==> flow/design.v <==
module shft #(
  parameter XLEN = 10,
  parameter SW = $clog2(XLEN)
) (
  input ck,
  input rst_n,
  input enable,
  input [XLEN-1:0] bus,
  input [SW-1:0] sa,
  output reg [XLEN-1:0] y
);
  reg [XLEN-1:0] bus_s;
  reg [SW-1:0] sa_s;
  wire [XLEN-1:0] node [0:SW];
  assign node[0] = bus_s;
  genvar ii;
  generate
    for (ii = 0; ii < SW; ii = ii + 1) begin : each
      assign node[ii+1] = sa_s[ii] ? node[ii] >> (1 << ii) : node[ii];
    end
  endgenerate
  always @(posedge ck) begin
    if (!rst_n) begin
      bus_s <= 0;
      sa_s <= 0;
      y <= 0;
    end else if (enable) begin
      bus_s <= bus;
      sa_s <= sa;
      y <= node[SW];
    end
  end
endmodule
======== Reports on shft ========
Module shft in several versions that differ in "XLEN"; each step lists the members.
The RTL above is that of XLEN = 10; lines are counted from 1 in the file of the member named.
Operators carry their Yosys type and port widths (W data, S select, Z words).
Cell names lack the library's common part.
The mark -- stands for no value.
design
  design top .............................. shft
  clock input ............................. ck
  cell library ............................ sky130hd
  corner .................................. tt_025C_1v80

======== Source of the members ========
Lines of each other member's file that are new or changed against the file above; lines that a member lacks are not shown.
lines new or changed
  XLEN  line  RTL
  12    2     parameter XLEN = 12,
  16    2     parameter XLEN = 16,

======== Word-level counts ========
Counts by Yosys on the flattened word-level netlist (proc, flatten, opt, wreduce). Print and check cells are left out. Cells with the same type and inputs are merged into one.
bit counts
  XLEN  flip-flop bits (word level)  input bits  output and inout bits
  10    24                           17          10
  12    28                           19          12
  16    36                           23          16
cells by class
  XLEN  muxes and demuxes
  10    4
  12    4
  16    4
operators with widths
  XLEN  kind and count
  10    4 x $mux W10
  12    4 x $mux W12
  16    4 x $mux W16

======== Longest topological paths ========
Depth = most cells in a row (Yosys ltp): at word level without a register or memory, in the mapped netlist without a sequential cell, where the memories' decode and read muxes count.
depth
  XLEN  depth after elaboration  ABC_AREA  gate-level depth with buffers  depth with buffers taken out
  10    4                        0         5                              4
  12    4                        0         6                              4
  16    4                        0         7                              4

======== After synthesis ========
Source: synth_stat.txt of the flow (Yosys; design flattened, memories mapped). It holds for the ABC_AREA given above (unset counts as 0); a run with the other value may have another netlist.
mapped netlist
  XLEN  mapped cells  cell area after synthesis (sq um)  area of sequential cells (sq um)  mapped flip-flops  buffer cells
  10    116           1203.7                             480.5                             24                 8
  12    146           1477.7                             560.5                             28                 12
  16    198           2218.4                             720.7                             36                 19
cell types
  XLEN  types with counts
  10    24 x dfxtp_1; 23 x mux2i_1; 19 x nor2b_1; 2 x mux4_2; 3 x buf_6; 4 x a22oi_1; 7 x nand2_1; 2 x mux2_2; 1 x nor3b_4; 2 x a32oi_1; 2 x a21boi_1; 3 x a21oi_1; 2 x o211ai_1; 2 x a31oi_1; 2 x nand2b_1; 1 x a32o_1; 2 x buf_2; 2 x nand3_1; [+13]
  12    28 x dfxtp_1; 27 x mux2i_1; 18 x nor2b_1; 3 x mux4_2; 2 x mux4_1; 6 x a22oi_1; 12 x nand2_1; 3 x buf_6; 5 x o22ai_1; 4 x buf_2; 5 x inv_1; 2 x nor4b_1; 2 x a21boi_0; 3 x nand3_1; 4 x nor2_1; 2 x and2_1; 2 x nand2b_1; 1 x nor3b_2; [+17]
  16    36 x dfxtp_1; 38 x mux2i_1; 8 x mux4_1; 8 x mux4_2; 24 x nor2b_1; 5 x clkbuf_8; 7 x o22ai_1; 6 x and2_1; 5 x nand3b_1; 9 x inv_1; 4 x buf_4; 4 x o21a_1; 2 x buf_6; 3 x o211ai_1; 1 x buf_12; 5 x nand2_1; 5 x nor2_1; 2 x o32ai_1; [+26]
The mark [+n] counts cells that are not listed.

======== Path before layout ========
OpenSTA on the mapped netlist: ideal clock, no wires. The path of least setup slack (recovery checks aside). Input and output delay are each 20% of the period. Register names are those of the netlist, which keeps one name where synthesis merged equal registers.
path post-synthesis
  XLEN  kind                    start point       end point      clock period (ns)  slack (ns)  driving pins on the path  delay of the path (ns)  synthesis period reached (ns)
  10    flip-flop to flip-flop  register sa_s[1]  register y[1]  1.67               0.335       5                         1.335                   1.335
  12    flip-flop to flip-flop  register sa_s[0]  register y[2]  1.7                0.344       4                         1.357                   1.356
  16    flip-flop to flip-flop  register sa_s[1]  register y[1]  1.98               0.398       7                         1.582                   1.582
"delay of the path" is the arrival time less input delay plus setup time.
"driving pins on the path": output pins that drive a net of the path, with the launching flip-flop's if there is one; two outputs of one cell count as two.
"synthesis period reached" is the clock period less the worst setup slack; recovery checks do not enter. This is arithmetic on one report: input and output delays are still those of the set period (20% each).
Between the ends stands the longest chain of elaborated cells between them, by number of cells; it is not shown to be the way that was timed. Of several equally long chains one is given.
A line is the first line of the expression or statement that the cell stems from. Yosys adds cells for indexed reads and writes and turns some case tables into memories.
on the way, post-synthesis, XLEN = 10
  cells in the longest elaborated chain ... 3
ends and longest elaborated chain, post-synthesis, XLEN = 10
  item                   line  RTL
  from (decl)            13    reg [SW-1:0] sa_s;
  from (assign)          25    sa_s <= 0;
  from (assign)          29    sa_s <= sa;
  $mux W10 (3 in a row)  19    assign node[ii+1] = sa_s[ii] ? node[ii] >> (1 << ii) : node[ii];
  to (assign)            26    y <= 0;
  to (assign)            30    y <= node[SW];
  to (decl)              10    output reg [XLEN-1:0] y
on the way, post-synthesis, XLEN = 16
  cells in the longest elaborated chain ... 3
ends and longest elaborated chain, post-synthesis, XLEN = 16
  item                   line  RTL
  from (decl)            13    reg [SW-1:0] sa_s;
  from (assign)          25    sa_s <= 0;
  from (assign)          29    sa_s <= sa;
  $mux W16 (3 in a row)  19    assign node[ii+1] = sa_s[ii] ? node[ii] >> (1 << ii) : node[ii];
  to (assign)            26    y <= 0;
  to (assign)            30    y <= node[SW];
  to (decl)              10    output reg [XLEN-1:0] y

======== Timing after layout ========
Path of least setup slack in the final report of each member's run (OpenROAD, finished layout, wires in). Where an end is a register, its clock arrival counts in the times.
path after layout
  XLEN  kind                      start point       end point         clock period (ns)  slack (ns)  driving pins on the path  arrival time (ns)
  10    flip-flop to output port  register y[1]     output port y[1]  1.67               0.13        2                         1.21
  12    flip-flop to flip-flop    register sa_s[0]  register y[2]     1.7                0.14        3                         1.73
  16    flip-flop to flip-flop    register sa_s[1]  register y[2]     1.98               0.14        5                         2.01

======== Measured runs ========
One run of the flow (Yosys, OpenROAD) for each member, with settings and measured results. Input and output delays are each 20% of the period that was set; the output load is 0.01 pF.
flow settings
  CAP_MARGIN .............................. 20
  CORE_MARGIN ............................. 2
  CORE_UTILIZATION ........................ 40
  SLEW_MARGIN ............................. 20
settings that differ
  XLEN  period_ns
  10    1.67
  12    1.7
  16    1.98
measured results
  XLEN  Yosys chip area after synthesis (sq um)  die area (sq um)  utilization in the final report (%)  worst setup slack after layout (ns)  setup total negative slack (ns)  worst hold slack in the final report (ns)  power consumption (mW)
  10    1203.7                                   3463.9            55.0                                 0.126                                0.000                            0.498                                      1.114
  12    1477.7                                   4196.4            53.1                                 0.145                                0.000                            0.439                                      1.362
  16    2218.4                                   6157.5            49.4                                 0.140                                0.000                            0.475                                      1.715
"power consumption" rests on the timing tool's default activity at the inputs, not on a simulated workload.
